==> flow/design.v <==
module gen_addsub_v2 #(
   parameter integer DATA_WIDTH = 14
) (
   input logic CLK,
   input logic nrst,
   input logic [DATA_WIDTH-1:0] rs1_in,
   input logic [DATA_WIDTH-1:0] rs2_in,
   input logic minus_in,
   output logic [DATA_WIDTH-1:0] out_out,
   output logic carry_out
);
   logic [DATA_WIDTH-1:0] rs1_d1;
   always_ff @(posedge CLK or negedge nrst) begin
      if (~nrst) begin
         rs1_d1 <= '0;
      end else begin
         rs1_d1 <= rs1_in;
      end
   end
   logic [DATA_WIDTH-1:0] rs2_d1;
   always_ff @(posedge CLK or negedge nrst) begin
      if (~nrst) begin
         rs2_d1 <= '0;
      end else begin
         rs2_d1 <= rs2_in;
      end
   end
   logic minus_d1;
   always_ff @(posedge CLK or negedge nrst) begin
      if (~nrst) begin
         minus_d1 <= 1'b0;
      end else begin
         minus_d1 <= minus_in;
      end
   end
   logic [DATA_WIDTH-1:0] t2;
   assign t2 = rs2_d1 ^ {DATA_WIDTH{minus_d1}};
   logic [DATA_WIDTH:0] val;
   assign val = rs1_d1 + t2 + minus_d1;
   logic [DATA_WIDTH-1:0] out_d1;
   always_ff @(posedge CLK or negedge nrst) begin
      if (~nrst) begin
         out_d1 <= '0;
      end else begin
         out_d1 <= val[DATA_WIDTH-1:0];
      end
   end
   assign out_out = out_d1;
   logic carry_d1;
   always_ff @(posedge CLK or negedge nrst) begin
      if (~nrst) begin
         carry_d1 <= 1'b0;
      end else begin
         carry_d1 <= val[DATA_WIDTH];
      end
   end
   assign carry_out = carry_d1;
endmodule
* From RTL to reports: gen_addsub_v2 *
Tool output for the design above, in the order of the flow.
Line numbers count from 1 in the design file above.
Operators: Yosys type, input widths -> output width; for muxes data width and select width s.
A cell with -- has no value.

design
  top = gen_addsub_v2
  clock = CLK
  cell library = sky130hd
  timing corner = tt_025C_1v80

* Elaborated design *
Source: Yosys, flattened and elaborated, memories not mapped. Widths are those after wreduce; folded enables and synchronous resets count as part of the registers. Registers that Yosys merges into a memory's read port (data or address) are not register bits. Print and check cells do not count. Equal cells are merged and count once.

word-level totals
  output and inout bits = 15
  flip-flop bits (word level) = 44

cells by class
  bitwise operators = 1
  add/subtract/negate cells = 2

operators with widths
  cell            count
  $add 14x14->15  1
  $add 15x1->15   1
  $xor 14x14->14  1

* Longest topological paths *
Longest topological path by Yosys (ltp), each cell counted once; first at word level (registers and memories cut), then after technology mapping (sequential cells cut; the memories' decode and read muxes count).

logic depth
  depth after elaboration = 3
  ABC_AREA = 0
  gate-level depth with buffers = 10
  mapped depth without buffers = 7

* Synthesis result *
The flow's flattened synthesis, as Yosys stat reports it; memories are mapped. The netlist is that of the ABC_AREA named above (0 if unset); the other value can give another one.

mapped netlist
  mapped flip-flops = 44
  buffer cells = 3
  chip area (Yosys) = 1988.2 um^2
  mapped cells = 164
  area of sequential cells = 1101.1 um^2

cells by type
  cell type                  count  area in all (um^2)
  sky130_fd_sc_hd__dfrtp_1   44     1.1E+03
  sky130_fd_sc_hd__ha_1      15     187.68
  sky130_fd_sc_hd__xor2_1    17     148.893
  sky130_fd_sc_hd__a21oi_1   10     50.048
  sky130_fd_sc_hd__a21o_1    6      45.043
  sky130_fd_sc_hd__xnor2_1   4      35.034
  sky130_fd_sc_hd__nand2_1   9      33.782
  sky130_fd_sc_hd__o21ai_0   6      30.029
  sky130_fd_sc_hd__a211o_1   3      26.275
  sky130_fd_sc_hd__nor2_1    7      26.275
  sky130_fd_sc_hd__nand3_1   5      25.024
  sky130_fd_sc_hd__fa_1      1      20.019
  sky130_fd_sc_hd__a221oi_1  2      17.517
  sky130_fd_sc_hd__inv_1     4      15.014
  sky130_fd_sc_hd__a31oi_1   2      12.512
  sky130_fd_sc_hd__nor2b_1   2      12.512
  sky130_fd_sc_hd__or3_1     2      12.512
  sky130_fd_sc_hd__mux2_2    1      11.261

Other cell types: 23; their cells: 24.

* Timing after synthesis *
Path of least setup slack by OpenSTA after synthesis, without wires, with an ideal clock, recovery checks aside; 20% of the period is set as input and as output delay. Where synthesis merged equal registers, the netlist keeps one of their names.

path post-synthesis
  path type = reg2reg
  start = register minus_d1
  end = register out_d1[11]
  delay of the path = 2.624 ns
  path slack = 0.655 ns
  data required time = 3.181 ns
  library setup time = 0.099 ns
  stages = 10
  data arrival time = 2.525 ns
  period = 3.28 ns
  period reached after synthesis = 2.625 ns

"delay of the path" = arrival - input delay + setup time.
"stages": output pins that drive a net of the path, with the launching flip-flop's if there is one; two outputs of one cell count as two.
"period reached after synthesis" is the clock period less the worst setup slack; recovery checks do not enter. This is arithmetic on one report: input and output delays are still those of the set period (20% each).
The rows between start and end are the longest chain of elaborated cells between them; the timing report does not say that the signal goes this way. Where chains are equally long, one stands for them.
A line is the first line of the expression or statement that the cell stems from. Yosys adds cells for indexed reads and writes and turns some case tables into memories.

on the way, post-synthesis
  path through = sky130_fd_sc_hd__dfrtp_1 -> sky130_fd_sc_hd__buf_2 -> sky130_fd_sc_hd__buf_1 -> sky130_fd_sc_hd__xor2_1 -> sky130_fd_sc_hd__ha_1 -> sky130_fd_sc_hd__and4_1 -> sky130_fd_sc_hd__and2_0 -> sky130_fd_sc_hd__or3_1 -> sky130_fd_sc_hd__o2111a_1 -> sky130_fd_sc_hd__a311oi_1
  cells in the longest elaborated chain = 3

ends and longest elaborated chain, post-synthesis
  element         line  source
  from (decl)     28    logic minus_d1;
  from (assign)   31    minus_d1 <= 1'b0;
  from (assign)   33    minus_d1 <= minus_in;
  $xor 14x14->14  37    assign t2 = rs2_d1 ^ {DATA_WIDTH{minus_d1}};
  $add 14x14->15  39    assign val = rs1_d1 + t2 + minus_d1;
  $add 15x1->15   39
  to (assign)     43    out_d1 <= '0;
  to (assign)     45    out_d1 <= val[DATA_WIDTH-1:0];
  to (decl)       40    logic [DATA_WIDTH-1:0] out_d1;

* Timing after layout *
From the final timing report of run 1: the path of least setup slack in the routed layout; clock arrival at registers is part of the times.

path after layout
  path type = reg2reg
  start = register minus_d1
  end = register out_d1[11]
  stages = 10
  library setup time = 0.10 ns
  data required time = 5.05 ns
  period = 4.86 ns
  data arrival time = 3.33 ns
  path slack = 1.73 ns

The rows between start and end are the longest chain of elaborated cells between them; the timing report does not say that the signal goes this way. Where chains are equally long, one stands for them.

on the way, after layout
  path through = sky130_fd_sc_hd__dfrtp_1 -> sky130_fd_sc_hd__buf_2 -> sky130_fd_sc_hd__buf_1 -> sky130_fd_sc_hd__xor2_1 -> sky130_fd_sc_hd__ha_1 -> sky130_fd_sc_hd__and4_1 -> sky130_fd_sc_hd__and2_0 -> sky130_fd_sc_hd__or3_1 -> sky130_fd_sc_hd__o2111a_1 -> sky130_fd_sc_hd__a311oi_1
  cells in the longest elaborated chain = 3

ends and longest elaborated chain, after layout
  element         line  source
  from (decl)     28    logic minus_d1;
  from (assign)   31    minus_d1 <= 1'b0;
  from (assign)   33    minus_d1 <= minus_in;
  $xor 14x14->14  37    assign t2 = rs2_d1 ^ {DATA_WIDTH{minus_d1}};
  $add 14x14->15  39    assign val = rs1_d1 + t2 + minus_d1;
  $add 15x1->15   39
  to (assign)     43    out_d1 <= '0;
  to (assign)     45    out_d1 <= val[DATA_WIDTH-1:0];
  to (decl)       40    logic [DATA_WIDTH-1:0] out_d1;

# Flow runs of gen_addsub_v2

Record of 3 stored runs of the RTL-to-layout flow on gen_addsub_v2, platform sky130hd. The runs are unordered. Constraints: input delay and output delay 20% of the set period each, output load 0.01 pF.
"period reached" is the run's clock period less its worst setup slack. It is reckoned from that one timing run; input and output delays stay at 20% of the period that was set.
"worst path time" = time allowed to the worst setup path (clock period - input delay - output delay, where it has them) - its slack; a late launch clock adds to it, a late capture clock takes from it.
"power consumption": no workload was simulated; the value follows from the tool's default switching activity.
Settings: . = not set for that run.

item                                    run 1    run 2    run 3
period_ns                               4.86     4.33     3.28
CORE_UTILIZATION                        42       23       40
PLACE_DENSITY                           0.38     0.84     .
CELL_PAD_IN_SITES_GLOBAL_PLACEMENT      0        2        .
ABC_AREA                                0        .        .
GPL_TIMING_DRIVEN                       0        1        .
GPL_ROUTABILITY_DRIVEN                  0        0        .
SLEW_MARGIN                             25       10       20
MIN_ROUTING_LAYER                       met2     met1     .
CAP_MARGIN                              20       5        20
CORE_MARGIN                             2        6        2
CORE_ASPECT_RATIO                       .        0.52     .
TNS_END_PERCENT                         .        75       .
CTS_CLUSTER_SIZE                        .        93       .
CTS_CLUSTER_DIAMETER                    .        332      .
power consumption (uW)                  992.9    1155     1452
lowest setup slack (ns)                 1.725    1.514    0.530
utilization of the finished layout (%)  57.1     33.6     54.9
post-route setup TNS (ns)               0.000    0.000    0.000
worst path time (ns)                    3.13     2.82     2.75
worst setup path type                   reg2reg  reg2reg  reg2reg
area of the die (um^2)                  5299.8   11139.8  5550.2
cell area after synthesis (um^2)        1988.2   1988.2   1988.2
period reached (ns)                     3.135    2.816    2.750
worst hold slack after layout (ns)      0.458    0.457    0.463
standard-cell area after layout (um^2)  2643.8   2698.8   2612.5
